==> flow/design.v <==
module my_mul_core_blk #(
  parameter int DWIDTH = 24,
  parameter int COEF = 2731,
  parameter int OUT_W = DWIDTH + $clog2(COEF + 1)
) (
  input  logic core_clk,
  input  logic aresetn,
  input  logic [DWIDTH-1:0] opa,
  output logic [OUT_W-1:0] p
);
  logic [DWIDTH-1:0] opa_r;
  always_ff @(posedge core_clk or negedge aresetn) begin
    if (~aresetn) begin
      opa_r <= '0;
    end else begin
      opa_r <= opa;
    end
  end
  assign p = opa_r * COEF;
endmodule
# == Step by step through the tools: my_mul_core_blk ==
# What the tools print for my_mul_core_blk, step after step.
# Lines are those of the file above, counted from 1.
# Library cell names are shortened.
# Not given: -
# design
top,my_mul_core_blk
clock,core_clk
cell_library,sky130hd
pvt_corner,tt_025C_1v80

# == Word level ==
# Source: Yosys, flattened and elaborated, memories not mapped. Widths are those after wreduce; folded enables and synchronous resets count as part of the registers. Registers that Yosys merges into a memory's read port (data or address) are not register bits. Print and check cells do not count. Equal cells are merged and count once.
# word_totals
in_bits,26
ff_bits,24
output_inout_bits,36
elab_cells,2
# op_classes
multipliers,1
# op_table
operator,count
24-bit by 12-bit multiplier with 36-bit output with constant B,1

# == Logic depth ==
# Depth = most cells in a row (Yosys ltp): at word level without a register or memory, in the mapped netlist without a sequential cell, where the memories' decode and read muxes count.
# logic_depth
ltp_word,1
ABC_AREA,0
ltp_mapped,19
mapped_depth_nobuf,18

# == Netlist ==
# Source: synth_stat.txt of the flow (Yosys; design flattened, memories mapped). It holds for the ABC_AREA given above (unset counts as 0); a run with the other value may have another netlist.
# The area totals of this step are shown rounded.
# by_type
cell,count
fa_1,99
ha_1,133
inv_1,212
dfrtp_1,24
xnor2_1,19
a21oi_1,32
nand2_1,29
xor2_1,12
o21ai_0,16
nor2_1,21
a21o_1,10
a31oi_4,2
nand3_1,8
a211oi_2,3
and3_1,6
o211ai_1,5
o21bai_1,5
clkbuf_1,9
# Not listed: further types 28, cells in them 43.
# synth_totals
sequential_area_mm2,0.000601
cell_count,688
ffs,24
yosys_area_mm2,0.00644

# == Path before layout ==
# OpenSTA on the mapped netlist: ideal clock, no wires. The path of least setup slack (recovery checks aside). Input and output delay are each 20% of the period. Register names are those of the netlist, which keeps one name where synthesis merged equal registers.
# synth_timing
path_type,register to output
from,register opa_r[4]
to,output p[30]
t_arrival_ns,4.707
output_delay_ns,1.470
tclk_ns,7.35
n_path_buf,0
delay_ns,4.707
stages,18
setup_slack_ns,1.173
synth_period_reached_ns,6.177
# "delay_ns" = arrival - input delay + setup time.
# A path that ends at an output port has no setup time.
# "stages" counts driving pins, that of a launching flip-flop among them; a cell with two outputs on the path counts twice.
# "synth_period_reached_ns" is the clock period less the worst setup slack; recovery checks do not enter. This is arithmetic on one report: input and output delays are still those of the set period (20% each).
# Between the ends stands the longest chain of elaborated cells between them, by number of cells; it is not shown to be the way that was timed. Of several equally long chains one is given.
# A line is the first line of the expression or statement that the cell stems from. Yosys adds cells for indexed reads and writes and turns some case tables into memories.
# synth_between
path_cell_list,dfrtp_1 > ha_1 > inv_1 > fa_1 > fa_1 > inv_1 > fa_1 > inv_1 > fa_1 > inv_1 > ha_1 > a21o_1 > a21o_1 > a221o_1 > a31oi_4 > a31oi_4 > a31oi_2 > xnor2_1
elab_chain_cells,1
cells_between,1
lines_between,1
classes_between,mul (1)
# synth_rtl
item,line,source
from (decl),11,logic [DWIDTH-1:0] opa_r;
from (assign),14,opa_r <= '0;
from (assign),16,opa_r <= opa;
24-bit by 12-bit multiplier with 36-bit output,19,assign p = opa_r * COEF;
to (decl),9,output logic [OUT_W-1:0] p

# == Worst path after layout ==
# Path of least setup slack in the final report of flow run 1 (OpenROAD, finished layout, wires in). Where an end is a register, its clock arrival counts in the times.
# layout_timing
path_type,register to output
from,register opa_r[8]
to,output p[35]
tclk_ns,7.35
stages,19
setup_slack_ns,0.22
t_arrival_ns,5.66
output_delay_ns,1.47
n_path_buf,1
# Between the ends stands the longest chain of elaborated cells between them, by number of cells; it is not shown to be the way that was timed. Of several equally long chains one is given.
# layout_between
path_cell_list,dfrtp_1 > ha_1 > inv_1 > fa_1 > fa_1 > inv_1 > fa_1 > inv_1 > fa_1 > inv_1 > ha_1 > nand2_1 > o21ai_1 > nor2_1 > a2111oi_4 > a311oi_2 > mux2i_1 > nand3_1 > clkdlybuf4s50_1
elab_chain_cells,1
cells_between,1
lines_between,1
classes_between,mul (1)
# layout_rtl
item,line,source
from (decl),11,logic [DWIDTH-1:0] opa_r;
from (assign),14,opa_r <= '0;
from (assign),16,opa_r <= opa;
24-bit by 12-bit multiplier with 36-bit output,19,assign p = opa_r * COEF;
to (decl),9,output logic [OUT_W-1:0] p

# Measured results for my_mul_core_blk: 3 stored runs of the Yosys and OpenROAD flow on sky130hd. The settings differ; the order carries no meaning. The constraints put input and output delay at 20% of the set period each and load the outputs with 0.01 pF.
# "clock_period_reached_ns": clock period set for the run, less the worst setup slack. It is reckoned from that one timing run; input and output delays stay at 20% of the period that was set.
# "critical_path_time_ns": the worst setup path's part of the clock period (all of it between registers, 20% less for each end at a port) less its slack. A launch clock that arrives late makes it longer, a capture clock that arrives late makes it shorter.
# Measured values are rounded.
# Among the settings, -- means not set for that run.
# Among the results, -- means that no value is shown for the run.
name,flow run 1,flow run 2,flow run 3
period_ns,7.35,6.53,4.99
CAP_MARGIN,20,20,25
CORE_MARGIN,2,2,8
CORE_UTILIZATION,40,57,52
SLEW_MARGIN,20,20,0
SETUP_SLACK_MARGIN,--,0.21,0.08
PLACE_DENSITY_LB_ADDON,--,0.04,0.25
CELL_PAD_IN_SITES_DETAIL_PLACEMENT,--,2,2
TNS_END_PERCENT,--,80,--
CTS_CLUSTER_SIZE,--,22,20
MAX_ROUTING_LAYER,--,met4,met5
CORE_ASPECT_RATIO,--,--,0.61
CELL_PAD_IN_SITES_GLOBAL_PLACEMENT,--,--,0
ABC_AREA,--,--,1
die_footprint_mm2,0.0171,--,--
critical_path_time_ns,5.66,--,--
worst_path_kind,register to output,--,--
stdcell_area_mm2,0.00748,--,--
clock_period_reached_ns,7.129,--,--
fin_tns_ns,0.000,--,--
fin_util_pct,47.2,--,--
yosys.chip_area_mm2,0.00644,--,--
final_setup_ws_ns,0.221,--,--
# Flow run 2: incomplete, placement halted on DPL-0033
# Flow run 3: incomplete, placement halted on DPL-0033
